==> flow/design.v <==
module dp_add_rtl #(
    parameter DATA_W = 128
) (
    input  CLK,
    input  [DATA_W-1:0] src1_in,
    input  [DATA_W-1:0] src2_in,
    output [DATA_W-1:0] total_out,
    output cy_out
);
    reg [DATA_W-1:0] src1_s;
    always @(posedge CLK) begin
        src1_s <= src1_in;
    end
    reg [DATA_W-1:0] src2_s;
    always @(posedge CLK) begin
        src2_s <= src2_in;
    end
    reg [DATA_W-1:0] g;
    reg [DATA_W-1:0] p;
    integer t;
    always @* begin
        g = src1_s & src2_s;
        p = src1_s ^ src2_s;
        for (t = 1; t < DATA_W; t = t * 2) begin
            g = g | (p & (g << t));
            p = p & (p << t);
        end
    end
    reg [DATA_W-1:0] total_s;
    always @(posedge CLK) begin
        total_s <= src1_s ^ src2_s ^ {g[DATA_W-2:0], 1'b0};
    end
    assign total_out = total_s;
    reg cy_s;
    always @(posedge CLK) begin
        cy_s <= g[DATA_W-1];
    end
    assign cy_out = cy_s;
endmodule
From RTL to reports: dp_add_rtl --
Tool output for the design above, in the order of the flow. Line numbers count from 1 in the design file above. Library cell names are shortened. The mark n/a stands for no value.
Set-up: top dp_add_rtl, clock CLK, standard-cell library sky130hd, corner tt_025C_1v80

After elaboration --
Counts by Yosys on the flattened word-level netlist (proc, flatten, opt, wreduce; memories kept). Register bits leave out memories and registers merged into their read ports (data or address); mux counts leave out enables and synchronous resets folded into registers. Print and check cells are left out. Cells with the same type and inputs are merged into one.
Cells by class: bitwise operators 23
Operators with widths (number):
- bitwise AND 128 bit | 14
- OR 128 bit | 7
- bitwise XOR 128 bit | 2
Word-level totals: elaborated cells 27, register bits 385, output and inout port bits 129, input bits 257

Logic depth --
Longest topological path by Yosys (ltp), each cell counted once; first at word level (registers and memories cut), then after technology mapping (sequential cells cut; the memories' decode and read muxes count).
Depth: depth after elaboration 16, ABC_AREA 0, depth in mapped cells 15

After synthesis --
Source: synth_stat.txt of the flow (Yosys; design flattened, memories mapped). It holds for the ABC_AREA given above (unset counts as 0); a run with the other value may have another netlist.
Synthesis totals: flip-flop cells 385, sequential area 7707.4 um2, mapped area 16395.7 um2, buffers 73, cell count 1711
Cell types:
- dfxtp_1 | number 385, total area 7.71E+03 um2
- ha_1 | number 128, total area 1.6E+03 um2
- a21oi_1 | number 175, total area 875.84 um2
- a21o_1 | number 102, total area 765.734 um2
- xnor2_1 | number 73, total area 639.363 um2
- nand2_1 | number 134, total area 502.982 um2
- xor2_1 | number 52, total area 455.437 um2
- o21ai_0 | number 82, total area 410.394 um2
- nor2_1 | number 104, total area 390.374 um2
- nand4_1 | number 59, total area 369.104 um2
- o21bai_1 | number 42, total area 315.302 um2
- clkbuf_1 | number 73, total area 274.013 um2
- inv_1 | number 46, total area 172.666 um2
- o21a_1 | number 17, total area 127.622 um2
- nand3_1 | number 24, total area 120.115 um2
- a31oi_1 | number 19, total area 118.864 um2
- nor3_1 | number 22, total area 110.106 um2
- a21boi_0 | number 10, total area 75.072 um2
Not listed: further types 51, cells in them 164.

Timing after synthesis --
Source: OpenSTA report_checks on the synthesized netlist (no wires, ideal clock, input and output delay 20% of the period each), path of least setup slack; recovery checks are left aside. Register names are those of the netlist, which keeps one name where synthesis merged equal registers.
Timing path post-synthesis: path kind flip-flop to flip-flop, start point register src1_s[0], end point register total_s[104], buffers on the path 0, data required time 4.208 ns, path delay 3.426 ns, stages 16, setup time 0.072 ns, path slack 0.854 ns, arrival time 3.354 ns, clock period 4.28 ns, synthesis period reached 3.426 ns
"path delay" is the arrival time less input delay plus setup time. "stages": output pins that drive a net of the path, with the launching flip-flop's if there is one; two outputs of one cell count as two. "synthesis period reached" is the clock period less the worst setup slack; recovery checks do not enter. This is arithmetic on one report: input and output delays are still those of the set period (20% each). The rows between start and end are the longest chain of elaborated cells between them; the timing report does not say that the signal goes this way. Where chains are equally long, one stands for them. Each line given opens the expression or statement behind the cell; cells for indexed reads and writes are added by Yosys, which also makes memories of some case tables.
On the way, post-synthesis: cells stage by stage dfxtp_1 > ha_1 > inv_1 > fa_1 > nand2b_1 > a21o_1 > a2111oi_4 > o31ai_2 > a2111oi_4 > or2_2 > a31oi_2 > o41ai_4 > a21boi_2 > o21a_1 > o21ai_2 > xor2_1, length of the longest elaborated chain 14
RTL lines, path post-synthesis:
- start: declaration | line 10 | reg [DATA_W-1:0] src1_s;
- start: assignment | line 12 | src1_s <= src1_in;
- bitwise AND 128 bit | line 22 | g = src1_s & src2_s;
- bitwise AND 128 bit | line 25 | g = g | (p & (g << t));
- OR 128 bit | line 25
- bitwise AND 128 bit | line 25
- OR 128 bit | line 25
- bitwise AND 128 bit | line 25
- OR 128 bit (3 in a row) | line 25
- bitwise AND 128 bit | line 25
- OR 128 bit | line 25
- bitwise AND 128 bit | line 25
- OR 128 bit | line 25
- bitwise XOR 128 bit | line 31 | total_s <= src1_s ^ src2_s ^ {g[DATA_W-2:0], 1'b0};
- end: assignment | line 31
- end: declaration | line 29 | reg [DATA_W-1:0] total_s;

Path in the finished layout --
Path of least setup slack in the final report of run 1 (OpenROAD, finished layout, wires in). Where an end is a register, its clock arrival counts in the times.
Timing path after layout: path kind flip-flop to flip-flop, start point register src1_s[0], end point register total_s[104], data required time 4.78 ns, path slack 0.27 ns, setup time 0.06 ns, clock period 4.28 ns, stages 16, buffers on the path 0, arrival time 4.50 ns
The rows between start and end are the longest chain of elaborated cells between them; the timing report does not say that the signal goes this way. Where chains are equally long, one stands for them.
On the way, after layout: cells stage by stage dfxtp_1 > ha_1 > inv_1 > fa_1 > nand2b_1 > a21o_1 > a2111oi_4 > o31ai_2 > a2111oi_4 > or2_2 > a31oi_2 > o41ai_4 > a21boi_2 > o21a_1 > o21ai_2 > xor2_1, length of the longest elaborated chain 14
RTL lines, path after layout:
- start: declaration | line 10 | reg [DATA_W-1:0] src1_s;
- start: assignment | line 12 | src1_s <= src1_in;
- bitwise AND 128 bit | line 22 | g = src1_s & src2_s;
- bitwise AND 128 bit | line 25 | g = g | (p & (g << t));
- OR 128 bit | line 25
- bitwise AND 128 bit | line 25
- OR 128 bit | line 25
- bitwise AND 128 bit | line 25
- OR 128 bit (3 in a row) | line 25
- bitwise AND 128 bit | line 25
- OR 128 bit | line 25
- bitwise AND 128 bit | line 25
- OR 128 bit | line 25
- bitwise XOR 128 bit | line 31 | total_s <= src1_s ^ src2_s ^ {g[DATA_W-2:0], 1'b0};
- end: assignment | line 31
- end: declaration | line 29 | reg [DATA_W-1:0] total_s;

## Implementation results

dp_add_rtl through Yosys and OpenROAD on sky130hd: 3 stored runs, unordered, with their settings and measured results. The constraints put input and output delay at 20% of the set period each and load the outputs with 0.01 pF.
"clock period achieved" = clock period - worst setup slack. The figure is calculated, with input and output delays left at 20% of the set period.

* Run 1 | settings: period_ns 4.28; CAP_MARGIN 20; CORE_MARGIN 2; CORE_UTILIZATION 40; SLEW_MARGIN 20 | results: Yosys chip area after synthesis 16395.7 um2; die outline area 42625.7 um2; standard-cell area after layout 22186.3 um2; utilization after layout 0.546; worst slack on setup checks 0.275 ns; total negative slack on setup checks 0.000 ns; smallest hold slack 0.473 ns; clock period achieved 4.005 ns
* Run 2 | settings: period_ns 4.0; CORE_UTILIZATION 57; SETUP_SLACK_MARGIN 0.96; PLACE_DENSITY_LB_ADDON 0.3; ABC_AREA 0; GPL_ROUTABILITY_DRIVEN 1; MAX_ROUTING_LAYER met5; CAP_MARGIN 20; CORE_MARGIN 2; SLEW_MARGIN 20 | results: Yosys chip area after synthesis 16395.7 um2; die outline area 30137.0 um2; standard-cell area after layout 23627.7 um2; utilization after layout 0.828; worst slack on setup checks 0.277 ns; total negative slack on setup checks 0.000 ns; smallest hold slack 0.518 ns; clock period achieved 3.723 ns
* Run 3 | settings: period_ns 5.16; CORE_UTILIZATION 64; SETUP_SLACK_MARGIN 0.11; PLACE_DENSITY_LB_ADDON 0.08; CELL_PAD_IN_SITES_GLOBAL_PLACEMENT 3; TNS_END_PERCENT 85; ABC_AREA 1; GPL_ROUTABILITY_DRIVEN 1; CAP_MARGIN 30; MIN_ROUTING_LAYER met1; MAX_ROUTING_LAYER met5; CORE_MARGIN 2; SLEW_MARGIN 20 | unfinished; error FLW-0024 in placement
